==> flow/design.v <==
module cpu_cmp_n (i_clk, i_rst, clk_en, in_arg0, in_arg1, out_is_lt, out_same, out_above);
   parameter BITS = 32;
   input i_clk;
   input i_rst;
   input clk_en;
   input [BITS-1:0] in_arg0;
   input [BITS-1:0] in_arg1;
   output out_is_lt;
   output out_same;
   output out_above;
   reg [BITS-1:0] arg0_reg;
   always @(posedge i_clk) begin
      if (i_rst) begin
         arg0_reg <= 0;
      end else if (clk_en) begin
         arg0_reg <= in_arg0;
      end
   end
   reg [BITS-1:0] arg1_reg;
   always @(posedge i_clk) begin
      if (i_rst) begin
         arg1_reg <= 0;
      end else if (clk_en) begin
         arg1_reg <= in_arg1;
      end
   end
   assign out_is_lt = (arg0_reg < arg1_reg);
   assign out_same = (arg0_reg == arg1_reg);
   assign out_above = (arg0_reg > arg1_reg);
endmodule
* Tool chain data of cpu_cmp_n *
The steps from the RTL of cpu_cmp_n to its reports follow in flow order.
Lines are those of the file above, counted from 1.
Operators: Yosys type, input widths -> output width; for muxes data width and select width s.
Library cell names are shortened.
A cell with -- has no value.

set-up
  design top = cpu_cmp_n
  clock input = i_clk
  standard-cell library = sky130hd
  corner = tt_025C_1v80

* After elaboration *
Yosys after proc, flatten, opt, wreduce and memory -nomap, before mapping. Enables and synchronous resets that opt folds into registers are not counted as muxes. Memory bits, and registers merged into a memory's read port (data or address), are not among the register bits. Print and check cells are not counted. Equal cells are merged and count once.

storage and ports
  register bits = 64
  output and inout bits = 3
  elaborated cells = 5

cells by class
  $lt $le $gt $ge = 2
  equality and inequality tests = 1

operators by type and width
  cell          number
  $gt 32x32->1  1
  $lt 32x32->1  1
  $eq 32x32->1  1

* Depth *
Yosys ltp: most cells in a row. Word level: on the elaborated netlist, between registers, memories and ports. Mapped: between sequential cells and ports; inverters and the memories' decode and read muxes count.

depth
  word-level depth = 1
  ABC_AREA = 0
  depth in mapped cells = 7

* Synthesis result *
Yosys stat after the flow's synthesis: flattened, memories mapped to cells. It holds for the ABC_AREA given above (unset counts as 0); a run with the other value may have another netlist.
The area totals of this step are shown rounded.

cell types
  cell type  number  area in all (sq um)
  dfxtp_1    64      1.28E+03
  mux2i_1    64      640.614
  ha_1       32      400.384
  nor2_1     66      247.738
  inv_1      32      120.115
  a21oi_1    12      60.058
  buf_2      7       35.034
  nand2_1    8       30.029
  and4_1     3       26.275
  clkbuf_1   7       26.275
  nand4_1    4       25.024
  nand4_4    1       21.27
  nand3_1    4       20.019
  a221oi_1   2       17.517
  and4bb_4   1       16.266
  nor4_2     1       12.512
  o31ai_2    1       12.512
  a21boi_2   1       11.261

Not listed: further types 9, cells in them 10.

mapped netlist
  cells in the netlist = 320
  chip area (Yosys) = 3074 sq um
  sequential area = 1281 sq um
  flip-flop cells = 64
  buffer cells = 14

* Path before layout *
Path of least setup slack by OpenSTA after synthesis, without wires, with an ideal clock, recovery checks aside; 20% of the period is set as input and as output delay. Where synthesis merged equal registers, the netlist keeps one of their names.

timing path after synthesis
  kind = flip-flop to output port
  start point = reg arg1_reg[14]
  end point = out out_is_lt
  period = 2510 ps
  launch time at the first pin = 0 ps
  arrival = 1607 ps
  setup slack = 401 ps
  path delay = 1607 ps
  driving pins on the path = 8
  path buffers = 0
  period reached after synthesis = 2109 ps

"path delay" = arrival - input delay + setup time.
A path that ends at an output port has no setup time.
"driving pins on the path" counts driving pins, that of a launching flip-flop among them; a cell with two outputs on the path counts twice.
"period reached after synthesis" = period - worst setup slack (recovery checks aside). The figure is calculated, with input and output delays left at 20% of the set period.
The rows between start and end are the longest chain of elaborated cells between them; the timing report does not say that the signal goes this way. Where chains are equally long, one stands for them.
Each line given opens the expression or statement behind the cell; cells for indexed reads and writes are added by Yosys, which also makes memories of some case tables.

on the way, after synthesis
  cells stage by stage = dfxtp_1 inv_1 ha_1 a21oi_2 nand2_1 a221o_1 o31ai_2 and2_1
  cells in the longest elaborated chain = 1
  elaborated cells on any way between the ends = 1
  source lines of those cells = 1
  classes of those cells = compare: 1

ends and longest elaborated chain, after synthesis
  what             RTL line  RTL
  start, declared  19        reg [BITS-1:0] arg1_reg;
  start, assigned  22        arg1_reg <= 0;
  start, assigned  24        arg1_reg <= in_arg1;
  $lt 32x32->1     27        assign out_is_lt = (arg0_reg < arg1_reg);
  end, declared    8         output out_is_lt;

* Worst path after layout *
From the final timing report of job 1: the path of least setup slack in the routed layout; clock arrival at registers is part of the times.
The path's times are printed in steps of 10 ps; the period is the one set.

timing path after layout
  kind = flip-flop to output port
  start point = reg arg1_reg[14]
  end point = out out_above
  period = 2000 ps
  launch time at the first pin = 330 ps
  arrival = 2080 ps
  setup slack = -480 ps
  driving pins on the path = 9
  path buffers = 1

The rows between start and end are the longest chain of elaborated cells between them; the timing report does not say that the signal goes this way. Where chains are equally long, one stands for them.

on the way, after layout
  cells stage by stage = dfxtp_2 inv_2 ha_4 nand4_1 nor4_4 a21boi_2 o31ai_2 a21oi_1 buf_2
  cells in the longest elaborated chain = 1
  elaborated cells on any way between the ends = 1
  source lines of those cells = 1
  classes of those cells = compare: 1

ends and longest elaborated chain, after layout
  what             RTL line  RTL
  start, declared  19        reg [BITS-1:0] arg1_reg;
  start, assigned  22        arg1_reg <= 0;
  start, assigned  24        arg1_reg <= in_arg1;
  $gt 32x32->1     29        assign out_above = (arg0_reg > arg1_reg);
  end, declared    10        output out_above;

--- measured runs ---
Record of 3 stored runs of the RTL-to-layout flow on cpu_cmp_n, platform sky130hd. The runs are unordered. Constraints: input delay and output delay 20% of the set period each, output load 0.01 pF.
"clock period achieved" means the clock period less the worst setup slack. The figure is calculated, with input and output delays left at 20% of the set period.
"time of the worst setup path" is the time allowed to the run's worst setup path (the clock period less input and output delay, where it has them) less its slack. Clock arrival times count: a late capture clock shortens it, a late launch clock lengthens it.
By "total power of the final layout" is meant OpenSTA's value without simulated activity: inputs other than the clock are taken to toggle once in ten clock periods, and the tool carries that through the logic.
"time of the worst setup path" is known to 10 ps.
Results are given in rounded form.
Settings: - = not set for that run.

item                                       job 1                     job 2                     job 3
period_ns                                  2.0                       2.51                      1.83
CORE_UTILIZATION                           30                        40                        19
PLACE_DENSITY_LB_ADDON                     0.04                      -                         0.3
TNS_END_PERCENT                            50                        -                         -
CTS_CLUSTER_SIZE                           79                        -                         66
MIN_ROUTING_LAYER                          met1                      -                         -
CAP_MARGIN                                 20                        20                        20
CORE_MARGIN                                2                         2                         2
SLEW_MARGIN                                20                        20                        30
CELL_PAD_IN_SITES_DETAIL_PLACEMENT         -                         -                         1
ABC_AREA                                   -                         -                         1
GPL_TIMING_DRIVEN                          -                         -                         1
MAX_ROUTING_LAYER                          -                         -                         met5
time of the worst setup path (ps)          2080                      2080                      1910
worst setup path kind                      flip-flop to output port  flip-flop to output port  flip-flop to output port
standard-cell area after routing (sq um)   4466                      4360                      4798
utilization after layout                   0.453                     0.595                     0.29
worst hold slack (ps)                      484                       495                       469
total power of the final layout (mW)       3.184                     2.676                     3.872
chip area after synthesis (Yosys) (sq um)  3074                      3074                      3198
setup slack of the worst path (ps)         -478                      -75                       -442
post-route setup TNS (ps)                  -1306                     -121                      -1189
overall die area (sq um)                   11070                     8402                      17890
clock period achieved (ps)                 2478                      2585                      2272
--- end ---
